==> flow/design.v <==
module sh_core_n #(
   parameter integer DWIDTH = 24,
   parameter integer SW = $clog2(DWIDTH)
) (
   input wire ck,
   input wire rstn,
   input wire en,
   input wire [DWIDTH-1:0] data,
   input wire [SW-1:0] sh,
   input wire dir,
   output reg [DWIDTH-1:0] y
);
   reg [DWIDTH-1:0] data_s;
   reg [SW-1:0] sh_s;
   reg dir_s;
   always @(posedge ck) begin
      if (!rstn) begin
         data_s <= 0;
         sh_s <= 0;
         dir_s <= 1'b0;
         y <= 0;
      end else if (en) begin
         data_s <= data;
         sh_s <= sh;
         dir_s <= dir;
         y <= dir_s ? data_s << sh_s : data_s >> sh_s;
      end
   end
endmodule
-- From RTL to reports: sh_core_n
Tool output for the design above, in the order of the flow.
Lines are those of the file above, counted from 1.
Operators carry their Yosys type and port widths (W data, S select, Z words).
Cell names lack the library's common part.
A cell with n/a has no value.
- top module: sh_core_n
- clock: ck
- standard-cell library: sky130hd
- library corner: tt_025C_1v80

-- Elaborated design
Yosys after proc, flatten, opt, wreduce and memory -nomap, before mapping. Enables and synchronous resets that opt folds into registers are not counted as muxes. Memory bits, and registers merged into a memory's read port (data or address), are not among the register bits. Print and check cells are not counted. Equal cells are merged and count once.
- noted shift operators: 2
- multiplexer cells at 1
- operator list (operator ; number):
    $shl A24 B5 Y24 ; 1
    $shr A24 B5 Y24 ; 1
    $mux W24 ; 1
- bits in registers at 54
- bits of input ports at 33
- output and inout bits: 24

-- Longest topological paths
Longest topological path by Yosys (ltp), each cell counted once; first at word level (registers and memories cut), then after technology mapping (sequential cells cut; the memories' decode and read muxes count).
- depth in word-level cells: 2
- noted ABC_AREA: 1
- gate-level depth with buffers at 11
- noted mapped depth without buffers: 9

-- Netlist
Yosys stat after the flow's synthesis: flattened, memories mapped to cells. It holds for the ABC_AREA given above (unset counts as 0); a run with the other value may have another netlist.
- cell types (cell ; number ; total area (um^2)):
    nand3_1 ; 222 ; 1.11E+03
    dfxtp_1 ; 54 ; 1.08E+03
    nand2_1 ; 135 ; 506.736
    nor2_1 ; 72 ; 270.259
    o21ai_0 ; 49 ; 245.235
    a21oi_1 ; 45 ; 225.216
    nand2_4 ; 12 ; 135.13
    nand3_2 ; 13 ; 130.125
    buf_2 ; 18 ; 90.086
    clkbuf_1 ; 24 ; 90.086
    buf_6 ; 6 ; 67.565
    a21oi_2 ; 6 ; 52.55
    nand4_1 ; 8 ; 50.048
    nand2_2 ; 5 ; 31.28
    o21ai_1 ; 6 ; 30.029
    buf_4 ; 3 ; 22.522
    nor2_4 ; 2 ; 22.522
    buf_12 ; 1 ; 20.019
Other cell types: 7; their cells: 17.
- cells in the netlist at 698
- mapped area: 4265.3 um^2
- sequential area: 1081.0 um^2
- noted flip-flops: 54

-- Timing after synthesis
Source: OpenSTA report_checks on the synthesized netlist (no wires, ideal clock, input and output delay 20% of the period each), path of least setup slack; recovery checks are left aside. Register names are those of the netlist, which keeps one name where synthesis merged equal registers.
- path kind: register to register
- from: reg sh_s[2]
- to: reg y[17]
- period: 2390 ps
- library setup time: 117 ps
- noted time at the first pin: 0 ps
- arrival time: 1223 ps
- setup slack: 1050 ps
- delay of the path: 1340 ps
- noted driving pins on the path: 11
- path buffers: 3
- period reached after synthesis: 1340 ps
"delay of the path" is the arrival time less input delay plus setup time.
"driving pins on the path" counts driving pins, that of a launching flip-flop among them; a cell with two outputs on the path counts twice.
"period reached after synthesis" is the clock period less the worst setup slack; recovery checks do not enter. This is arithmetic on one report: input and output delays are still those of the set period (20% each).
The rows between start and end are the longest chain of elaborated cells between them; the timing report does not say that the signal goes this way. Where chains are equally long, one stands for them.
A line is the first line of the expression or statement that the cell stems from. Yosys adds cells for indexed reads and writes and turns some case tables into memories.
- cell sequence: dfxtp_1 buf_2 inv_2 buf_4 buf_2 nand3_1 nand3_1 nand2_1 nand2_1 a21oi_1 nor2_1
- length of the longest elaborated chain: 2
- ends and longest elaborated chain, post-synthesis (item ; line ; text):
    start, declared ; 14 ; reg [SW-1:0] sh_s;
    start, assigned ; 19 ; sh_s <= 0;
    start, assigned ; 24 ; sh_s <= sh;
    $shr A24 B5 Y24 ; 26 ; y <= dir_s ? data_s << sh_s : data_s >> sh_s;
    $mux W24 ; 26 ;
    end, assigned ; 21 ; y <= 0;
    end, assigned ; 26 ;
    end, declared ; 11 ; output reg [DWIDTH-1:0] y

-- Worst path after layout
Path of least setup slack in the final report of record 1 (OpenROAD, finished layout, wires in). Where an end is a register, its clock arrival counts in the times.
The report prints the path's times to 10 ps; the period is as set.
- path kind: register to register
- from: reg sh_s[1]
- to: reg y[16]
- period: 1820 ps
- library setup time: 100 ps
- noted time at the first pin: 310 ps
- arrival time: 1950 ps
- setup slack: 90 ps
- noted driving pins on the path: 10
- path buffers: 2
The rows between start and end are the longest chain of elaborated cells between them; the timing report does not say that the signal goes this way. Where chains are equally long, one stands for them.
- cell sequence: dfxtp_1 buf_6 buf_2 nand3_1 nand3_1 nand3_1 nand2_2 nand2_1 a21oi_2 nor2_1
- length of the longest elaborated chain: 2
- ends and longest elaborated chain, post-layout (item ; line ; text):
    start, declared ; 14 ; reg [SW-1:0] sh_s;
    start, assigned ; 19 ; sh_s <= 0;
    start, assigned ; 24 ; sh_s <= sh;
    $shr A24 B5 Y24 ; 26 ; y <= dir_s ? data_s << sh_s : data_s >> sh_s;
    $mux W24 ; 26 ;
    end, assigned ; 21 ; y <= 0;
    end, assigned ; 26 ;
    end, declared ; 11 ; output reg [DWIDTH-1:0] y

Settings and measured results of 3 stored flow runs for module sh_core_n (sky130hd), not sorted in any way. The constraints put input and output delay at 20% of the set period each and load the outputs with 0.01 pF.
"allowed time less slack (worst setup path)" = time allowed to the worst setup path (clock period - input delay - output delay, where it has them) - its slack; a late launch clock adds to it, a late capture clock takes from it.
"total power after layout" is the tool's figure for a default switching activity; nothing was simulated.
"allowed time less slack (worst setup path)" is given in steps of 10 ps.

Record 1

==> flow/run.sh <==
#!/bin/bash
# the make line also repeats the synthesis and layout settings of config.mk as NAME=value (left out here)
make -C /OpenROAD-flow-scripts/flow DESIGN_CONFIG=/design/flow/config.mk WORK_HOME=/design/flow/orfs CLKGATE_MAP_FILE= finish
==> flow/config.mk <==
export PLATFORM = sky130hd
export DESIGN_NAME = sh_core_n
export DESIGN_NICKNAME = sh_core_n
export VERILOG_FILES = /design/flow/design.v
export SDC_FILE = /design/flow/constraint.sdc
export NUM_CORES = 4
export LEC_CHECK = 0
export ABC_AREA = 1
export CAP_MARGIN = 20
export CORE_MARGIN = 4
export CORE_UTILIZATION = 46
export GPL_ROUTABILITY_DRIVEN = 1
export GPL_TIMING_DRIVEN = 0
export MAX_ROUTING_LAYER = met4
export MIN_ROUTING_LAYER = met1
export PLACE_DENSITY_LB_ADDON = 0.13
export SLEW_MARGIN = 20
==> flow/constraint.sdc <==
create_clock -name core_clock -period 1.82 [get_ports {ck}]
set_input_delay 0.3640 -clock core_clock [delete_from_list [all_inputs] [get_ports {ck}]]
set_output_delay 0.3640 -clock core_clock [all_outputs]
set_load 0.01 [all_outputs]

Measured in record 1:
- noted the Yosys chip area after synthesis: 4265.3 um^2
- area of the die: 10877.4 um^2
- noted the standard-cell area after layout: 5054.9 um^2
- noted the utilization: 56.9%
- lowest setup slack at 86 ps
- total negative setup slack at 0 ps
- noted the final worst hold slack: 456 ps
- total power after layout: 3.484 mW
- allowed time less slack (worst setup path) at 1730 ps
- type of the worst setup path: register to register

Record 2

==> flow/run.sh <==
#!/bin/bash
# the make line also repeats the synthesis and layout settings of config.mk as NAME=value (left out here)
make -C /OpenROAD-flow-scripts/flow DESIGN_CONFIG=/design/flow/config.mk WORK_HOME=/design/flow/orfs CLKGATE_MAP_FILE= finish
==> flow/config.mk <==
export PLATFORM = sky130hd
export DESIGN_NAME = sh_core_n
export DESIGN_NICKNAME = sh_core_n
export VERILOG_FILES = /design/flow/design.v
export SDC_FILE = /design/flow/constraint.sdc
export NUM_CORES = 4
export LEC_CHECK = 0
export ABC_AREA = 0
export CAP_MARGIN = 30
export CELL_PAD_IN_SITES_GLOBAL_PLACEMENT = 3
export CORE_ASPECT_RATIO = 0.89
export CORE_MARGIN = 5
export CORE_UTILIZATION = 37
export GPL_TIMING_DRIVEN = 0
export PLACE_DENSITY_LB_ADDON = 0.12
export SETUP_SLACK_MARGIN = 0.39
export SLEW_MARGIN = 30
export TNS_END_PERCENT = 35
==> flow/constraint.sdc <==
create_clock -name core_clock -period 2.8 [get_ports {ck}]
set_input_delay 0.5600 -clock core_clock [delete_from_list [all_inputs] [get_ports {ck}]]
set_output_delay 0.5600 -clock core_clock [all_outputs]
set_load 0.01 [all_outputs]

Measured in record 2:
- noted the Yosys chip area after synthesis: 4717.0 um^2
- area of the die: 15110.9 um^2
- noted the standard-cell area after layout: 5706.7 um^2
- noted the utilization: 45.0%
- lowest setup slack at 470 ps
- total negative setup slack at 0 ps
- noted the final worst hold slack: 447 ps
- total power after layout: 2.399 mW
- allowed time less slack (worst setup path) at 2330 ps
- type of the worst setup path: register to register

Record 3

==> flow/run.sh <==
#!/bin/bash
# the make line also repeats the synthesis and layout settings of config.mk as NAME=value (left out here)
make -C /OpenROAD-flow-scripts/flow DESIGN_CONFIG=/design/flow/config.mk WORK_HOME=/design/flow/orfs CLKGATE_MAP_FILE= finish
==> flow/config.mk <==
export PLATFORM = sky130hd
export DESIGN_NAME = sh_core_n
export DESIGN_NICKNAME = sh_core_n
export VERILOG_FILES = /design/flow/design.v
export SDC_FILE = /design/flow/constraint.sdc
export NUM_CORES = 4
export LEC_CHECK = 0
export CAP_MARGIN = 20
export CORE_MARGIN = 2
export CORE_UTILIZATION = 40
export SLEW_MARGIN = 20
==> flow/constraint.sdc <==
create_clock -name core_clock -period 2.39 [get_ports {ck}]
set_input_delay 0.4780 -clock core_clock [delete_from_list [all_inputs] [get_ports {ck}]]
set_output_delay 0.4780 -clock core_clock [all_outputs]
set_load 0.01 [all_outputs]

Measured in record 3:
- noted the Yosys chip area after synthesis: 4717.0 um^2
- area of the die: 12677.6 um^2
- noted the standard-cell area after layout: 5596.6 um^2
- noted the utilization: 48.8%
- lowest setup slack at 150 ps
- total negative setup slack at 0 ps
- noted the final worst hold slack: 453 ps
- total power after layout: 2.662 mW
- allowed time less slack (worst setup path) at 2240 ps
- type of the worst setup path: register to register
